==> flow/design.v <==
module alu_mpy (i_clk, RSTN, arg0, prod);
    parameter NBITS = 14;
    input i_clk;
    input RSTN;
    input [NBITS-1:0] arg0;
    output [2*NBITS-1:0] prod;
    reg [NBITS-1:0] arg0_r;
    always @(posedge i_clk) begin
        if (~RSTN) begin
            arg0_r <= 0;
        end else begin
            arg0_r <= arg0;
        end
    end
    assign prod = arg0_r * arg0_r;
endmodule
-- Tool chain data of alu_mpy
Tool output for the design above, in the order of the flow.
Line numbers count from 1 in the design file above.
Cell names lack the library's common part.
The mark -- stands for no value.
- top module: alu_mpy
- clock port: i_clk
- library: sky130hd
- library corner: tt_025C_1v80

-- After elaboration
Source: Yosys, flattened and elaborated, memories not mapped. Widths are those after wreduce; folded enables and synchronous resets count as part of the registers. Registers that Yosys merges into a memory's read port (data or address) are not register bits. Print and check cells do not count. Equal cells are merged and count once.
- multipliers: 1
- operator list (cell ; number):
    multiplier 14 x 14 -> 28 bit ; 1
- noted bits in registers: 14
- noted output and inout port bits: 28
- noted elaborated cells: 2
- noted bits of input ports: 16

-- Logic depth
Longest topological path by Yosys (ltp), each cell counted once; first at word level (registers and memories cut), then after technology mapping (sequential cells cut; the memories' decode and read muxes count).
- depth in word-level cells at 1
- ABC_AREA: 0
- gate-level depth with buffers: 23
- depth with buffers taken out at 22

-- Mapped cells and area
Yosys stat after the flow's synthesis: flattened, memories mapped to cells. It holds for the ABC_AREA given above (unset counts as 0); a run with the other value may have another netlist.
- sequential part of the area: 280.3 um2
- mapped area at 6082.1 um2
- noted mapped flip-flops: 14
- cells in the netlist: 684
- buffers at 19
- cells by type (cell ; number ; total area (um2)):
    fa_1 ; 114 ; 2.28E+03
    ha_1 ; 91 ; 1.14E+03
    inv_1 ; 177 ; 664.387
    dfxtp_1 ; 14 ; 280.269
    and2_1 ; 42 ; 262.752
    nand2_1 ; 69 ; 258.998
    xnor2_1 ; 28 ; 245.235
    a21o_1 ; 16 ; 120.115
    a21oi_1 ; 19 ; 95.091
    xor2_1 ; 8 ; 70.067
    clkbuf_1 ; 17 ; 63.811
    nor2_1 ; 14 ; 52.55
    nor2b_1 ; 8 ; 50.048
    a31oi_1 ; 6 ; 37.536
    o21ai_0 ; 6 ; 30.029
    o21bai_1 ; 4 ; 30.029
    a31o_2 ; 3 ; 26.275
    and3_1 ; 4 ; 25.024
Other cell types: 32; their cells: 44.

-- Worst setup path after synthesis
OpenSTA on the mapped netlist: ideal clock, no wires. The path of least setup slack (recovery checks aside). Input and output delay are each 20% of the period. Register names are those of the netlist, which keeps one name where synthesis merged equal registers.
- path kind: flip-flop to output port
- from: register arg0_r[4]
- to: output port prod[25]
- noted driving pins on the path: 20
- delay of the path: 5.725 ns
- noted launch time at the first pin: 0.000 ns
- clock period: 8.95 ns
- data required time at 7.160 ns
- setup slack at 1.435 ns
- noted data arrival time: 5.725 ns
- noted external output delay: 1.790 ns
- noted buffers on the path: 1
- synthesis period reached at 7.515 ns
"delay of the path" is the arrival time less input delay plus setup time.
At an output port there is no setup time.
"driving pins on the path": output pins that drive a net of the path, with the launching flip-flop's if there is one; two outputs of one cell count as two.
"synthesis period reached" = period - worst setup slack (recovery checks aside). The figure is calculated, with input and output delays left at 20% of the set period.
Between the ends stands the longest chain of elaborated cells between them, by number of cells; it is not shown to be the way that was timed. Of several equally long chains one is given.
A line is the first line of the expression or statement that the cell stems from. Yosys adds cells for indexed reads and writes and turns some case tables into memories.
- cell sequence: dfxtp_1 > clkbuf_1 > nand2_1 > fa_1 > fa_1 > inv_1 > fa_1 > fa_1 > fa_1 > inv_1 > fa_1 > inv_1 > ha_1 > a21o_1 > a21o_1 > a221o_1 > a22oi_2 > o22ai_1 > a21oi_1 > mux2i_1
- noted cells in the longest elaborated chain: 1
- noted elaborated cells between the ends (all ways): 1
- source lines of those cells at 1
- those cells by class: 1 x mul
- RTL lines, path post-synthesis (what ; line ; RTL):
    start: declaration ; 7 ; reg [NBITS-1:0] arg0_r;
    start: assignment ; 10 ; arg0_r <= 0;
    start: assignment ; 12 ; arg0_r <= arg0;
    multiplier 14 x 14 -> 28 bit ; 15 ; assign prod = arg0_r * arg0_r;
    end: declaration ; 6 ; output [2*NBITS-1:0] prod;

-- Worst path after layout
From the final timing report of entry B: the path of least setup slack in the routed layout; clock arrival at registers is part of the times.
- path kind: flip-flop to output port
- from: register arg0_r[9]
- to: output port prod[25]
- noted external output delay: 1.79 ns
- setup slack at 0.33 ns
- noted data arrival time: 6.83 ns
- data required time at 7.16 ns
- clock period: 8.95 ns
- noted buffers on the path: 1
- noted launch time at the first pin: 0.24 ns
- noted driving pins on the path: 18
Between the ends stands the longest chain of elaborated cells between them, by number of cells; it is not shown to be the way that was timed. Of several equally long chains one is given.
- cell sequence: dfxtp_1 > nand2_1 > fa_1 > fa_1 > inv_1 > fa_1 > fa_1 > fa_1 > fa_1 > ha_1 > and3_1 > and2_1 > a221o_1 > a22oi_2 > o22ai_1 > a21oi_1 > mux2i_1 > clkdlybuf4s50_1
- noted cells in the longest elaborated chain: 1
- noted elaborated cells between the ends (all ways): 1
- source lines of those cells at 1
- those cells by class: 1 x mul
- RTL lines, path after layout (what ; line ; RTL):
    start: declaration ; 7 ; reg [NBITS-1:0] arg0_r;
    start: assignment ; 10 ; arg0_r <= 0;
    start: assignment ; 12 ; arg0_r <= arg0;
    multiplier 14 x 14 -> 28 bit ; 15 ; assign prod = arg0_r * arg0_r;
    end: declaration ; 6 ; output [2*NBITS-1:0] prod;

Data sheet: physical implementation of alu_mpy

Top module alu_mpy; platform sky130hd; tools Yosys and OpenROAD; 3 stored runs in no particular order. Input and output delays are each 20% of the period that was set; the output load is 0.01 pF.
"period reached" is the run's clock period less its worst setup slack. It is reckoned from that one timing run; input and output delays stay at 20% of the period that was set.
"allowed time less slack (worst setup path)" = time allowed to the worst setup path (clock period - input delay - output delay, where it has them) - its slack; a late launch clock adds to it, a late capture clock takes from it.
"total power after layout" is the tool's figure for a default switching activity; nothing was simulated.

Entry A
Settings were period_ns = 14.0; CORE_UTILIZATION = 58; PLACE_DENSITY_LB_ADDON = 0.01; CELL_PAD_IN_SITES_DETAIL_PLACEMENT = 2; TNS_END_PERCENT = 90; ABC_AREA = 1; GPL_TIMING_DRIVEN = 1; GPL_ROUTABILITY_DRIVEN = 1; CTS_CLUSTER_DIAMETER = 349; SLEW_MARGIN = 15; MAX_ROUTING_LAYER = met4; CAP_MARGIN = 20; CORE_MARGIN = 2
- not finished: placement ended with a tool error

Entry B
Settings were period_ns = 8.95; CAP_MARGIN = 20; CORE_MARGIN = 2; CORE_UTILIZATION = 40; SLEW_MARGIN = 20
- noted the lowest hold slack: 2.131 ns
- die outline area at 16207.8 um2
- final utilization at 45.2%
- total power after layout: 0.0007478 W
- area of the standard cells in the finished layout at 6801.5 um2
- worst setup slack after layout at 0.326 ns
- noted the period reached: 8.624 ns
- allowed time less slack (worst setup path): 6.83 ns
- critical path kind: flip-flop to output port
- chip area after synthesis (Yosys): 6082.1 um2
- noted the final setup TNS: 0.000 ns

Entry C
Settings were period_ns = 7.62; CORE_UTILIZATION = 60; SETUP_SLACK_MARGIN = -0.21; HOLD_SLACK_MARGIN = -0.06; CORE_MARGIN = 8; CELL_PAD_IN_SITES_DETAIL_PLACEMENT = 1; GPL_TIMING_DRIVEN = 1; CAP_MARGIN = 15; SLEW_MARGIN = 20
- not finished: placement ended with error DPL-0033
